==> flow/design.v <==
module alu_add_core_blk #(
   parameter integer W = 96
) (
   input  clk,
   input  [W-1:0] rs1,
   input  [W-1:0] rs2,
   input  cin,
   output reg [W-1:0] total,
   output reg cy
);
   reg [W-1:0] rs1_d1;
   reg [W-1:0] rs2_d1;
   reg cin_d1;
   wire [W:0] cur;
   assign cur = rs1_d1 + rs2_d1 + cin_d1;
   always @(posedge clk) begin
      rs1_d1 <= rs1;
      rs2_d1 <= rs2;
      cin_d1 <= cin;
      total <= cur[W-1:0];
      cy <= cur[W];
   end
endmodule
---- Step by step through the tools: alu_add_core_blk ----
What the tools print for alu_add_core_blk, step after step.
Lines are those of the file above, counted from 1.
Cell names lack the library's common part.
Not given: -
set-up
  top ..................................... alu_add_core_blk
  clock port .............................. clk
  library ................................. sky130hd
  timing corner ........................... tt_025C_1v80

---- Word-level counts ----
Counts by Yosys on the flattened word-level netlist (proc, flatten, opt, wreduce; memories kept). Register bits leave out memories and registers merged into their read ports (data or address); mux counts leave out enables and synchronous resets folded into registers. Print and check cells are left out. Cells with the same type and inputs are merged into one.
bit counts
  register bits ........................... 290
  input port bits ......................... 194
  word-level cells ........................ 7
cells by class
  add/subtract/negate cells ............... 2
operator list
  operator                 number
  adder 96 x 96 -> 97 bit  1
  adder 97 x 1 -> 97 bit   1

---- Logic depth ----
Depth = most cells in a row (Yosys ltp): at word level without a register or memory, in the mapped netlist without a sequential cell, where the memories' decode and read muxes count.
logic depth
  depth in word-level cells ............... 2
  ABC_AREA ................................ 0
  mapped depth ............................ 13
  depth with buffers taken out ............ 13

---- Synthesis result ----
Yosys stat after the flow's synthesis: flattened, memories mapped to cells. It holds for the ABC_AREA given above (unset counts as 0); a run with the other value may have another netlist.
mapped netlist
  mapped cells ............................ 1,172
  cell area after synthesis ............... 11,611.1 sq um
  sequential area ......................... 5,805.6 sq um
  flip-flops .............................. 290
cells by type
  cell      number
  dfxtp_1   290
  ha_1      95
  a21oi_1   121
  xnor2_1   53
  a21o_1    58
  xor2_1    39
  nand2_1   85
  o21ai_0   52
  nand4_1   40
  nor2_1    64
  clkbuf_1  37
  o21bai_1  18
  inv_1     30
  nand3_1   20
  a31oi_1   15
  nor2b_1   13
  nand2b_1  11
  nor3_1    13
Other cell types: 40; their cells: 118.

---- Path before layout ----
Path of least setup slack by OpenSTA after synthesis, without wires, with an ideal clock, recovery checks aside; 20% of the period is set as input and as output delay. Where synthesis merged equal registers, the netlist keeps one of their names.
timing post-synthesis
  path kind ............................... flip-flop to flip-flop
  start point ............................. register rs1_d1[0]
  end point ............................... register total[94]
  clock period ............................ 4,040 ps
  setup time .............................. 72 ps
  data arrival time ....................... 3,161 ps
  required time ........................... 3,968 ps
  setup slack ............................. 807 ps
  delay of the path ....................... 3,233 ps
  stages on the path ...................... 14
  synthesis period reached ................ 3,233 ps
"delay of the path" is the arrival time less input delay plus setup time.
"stages on the path" counts driving pins, that of a launching flip-flop among them; a cell with two outputs on the path counts twice.
"synthesis period reached" = period - worst setup slack (recovery checks aside). The figure is calculated, with input and output delays left at 20% of the set period.
Between the ends stands the longest chain of elaborated cells between them, by number of cells; it is not shown to be the way that was timed. Of several equally long chains one is given.
Each line given opens the expression or statement behind the cell; cells for indexed reads and writes are added by Yosys, which also makes memories of some case tables.
between the ends, post-synthesis
  path through ............................ dfxtp_1 fa_1 fa_1 a21oi_1 o21a_1 o41ai_1 a31oi_1 o21a_1 o21bai_1 a21o_1 a31oi_1 a21oi_1 a221oi_1 xnor2_1
  cells in the longest elaborated chain ... 2
ends and longest elaborated chain, post-synthesis
  element                  line  source
  start: declaration       11    reg [W-1:0] rs1_d1;
  start: assignment        17    rs1_d1 <= rs1;
  adder 96 x 96 -> 97 bit  15    assign cur = rs1_d1 + rs2_d1 + cin_d1;
  adder 97 x 1 -> 97 bit   15
  end: assignment          20    total <= cur[W-1:0];
  end: declaration         8     output reg [W-1:0] total,

---- Timing after layout ----
Path of least setup slack in the final report of entry A (OpenROAD, finished layout, wires in). Where an end is a register, its clock arrival counts in the times.
The path's times are printed in steps of 10 ps; the period is the one set.
timing post-layout
  path kind ............................... flip-flop to flip-flop
  start point ............................. register rs2_d1[39]
  end point ............................... register total[91]
  clock period ............................ 2,210 ps
  setup time .............................. 70 ps
  data arrival time ....................... 3,890 ps
  required time ........................... 2,710 ps
  setup slack ............................. -1,180 ps
  stages on the path ...................... 14
Between the ends stands the longest chain of elaborated cells between them, by number of cells; it is not shown to be the way that was timed. Of several equally long chains one is given.
between the ends, post-layout
  path through ............................ dfxtp_1 ha_4 buf_6 nand4_1 nand2b_4 or4_4 or3_4 a211oi_4 a211oi_4 a21o_1 o311ai_4 a21oi_2 o21ai_2 xor2_1
  cells in the longest elaborated chain ... 2
ends and longest elaborated chain, post-layout
  element                  line  source
  start: declaration       12    reg [W-1:0] rs2_d1;
  start: assignment        18    rs2_d1 <= rs2;
  adder 96 x 96 -> 97 bit  15    assign cur = rs1_d1 + rs2_d1 + cin_d1;
  adder 97 x 1 -> 97 bit   15
  end: assignment          20    total <= cur[W-1:0];
  end: declaration         8     output reg [W-1:0] total,

Lab notebook: alu_add_core_blk

Below are 3 stored runs of the flow (Yosys, OpenROAD; platform sky130hd) on alu_add_core_blk, each with its settings and what was measured, unordered. Constraints: input delay and output delay 20% of the set period each, output load 0.01 pF.
By "achieved period" is meant the clock period of the run minus its worst setup slack. This is arithmetic on one report: input and output delays are still those of the set period (20% each).
"time on the worst setup path" means the part of the period allowed to the worst setup path (the constraints hold back 20% at inputs and 20% at outputs) less its slack; where the path has registers, the arrival times of their clocks count too.
"total design power": no workload was simulated; the value follows from the tool's default switching activity.
"time on the worst setup path" is known to 10 ps.

---- entry A ----
settings
  period_ns = 2.21
  CORE_UTILIZATION = 40
  SETUP_SLACK_MARGIN = 0.2
  HOLD_SLACK_MARGIN = 0.19
  CORE_ASPECT_RATIO = 1.23
  GPL_TIMING_DRIVEN = 0
  CTS_CLUSTER_DIAMETER = 371
  MIN_ROUTING_LAYER = met2
  CAP_MARGIN = 20
  CORE_MARGIN = 2
  SLEW_MARGIN = 20
results
  synthesis area .......................... 11,611.1 sq um
  die footprint ........................... 30,413.6 sq um
  std-cell area (final layout) ............ 19,055.8 sq um
  final design utilization ................ 66.3 %
  worst setup slack after layout .......... -1,176 ps
  setup total negative slack .............. -63,885 ps
  worst hold slack ........................ 306 ps
  total design power ...................... 15,425 uW
  achieved period ......................... 3,386 ps
  time on the worst setup path ............ 3,390 ps
  critical path kind ...................... flip-flop to flip-flop

---- entry B ----
settings
  period_ns = 3.61
  CORE_UTILIZATION = 30
  SETUP_SLACK_MARGIN = 0.42
  GPL_TIMING_DRIVEN = 0
  SLEW_MARGIN = 10
  CAP_MARGIN = 20
  CORE_MARGIN = 2
results
  synthesis area .......................... 11,611.1 sq um
  die footprint ........................... 40,292.5 sq um
  std-cell area (final layout) ............ 17,384.2 sq um
  final design utilization ................ 45.2 %
  worst setup slack after layout .......... 346 ps
  setup total negative slack .............. 0 ps
  worst hold slack ........................ 535 ps
  total design power ...................... 9,136 uW
  achieved period ......................... 3,264 ps
  time on the worst setup path ............ 3,260 ps
  critical path kind ...................... flip-flop to flip-flop

---- entry C ----
settings
  period_ns = 4.04
  CAP_MARGIN = 20
  CORE_MARGIN = 2
  CORE_UTILIZATION = 40
  SLEW_MARGIN = 20
results
  synthesis area .......................... 11,611.1 sq um
  die footprint ........................... 30,406.6 sq um
  std-cell area (final layout) ............ 15,787.6 sq um
  final design utilization ................ 55.2 %
  worst setup slack after layout .......... 328 ps
  setup total negative slack .............. 0 ps
  worst hold slack ........................ 515 ps
  total design power ...................... 7,673 uW
  achieved period ......................... 3,712 ps
  time on the worst setup path ............ 3,710 ps
  critical path kind ...................... flip-flop to flip-flop
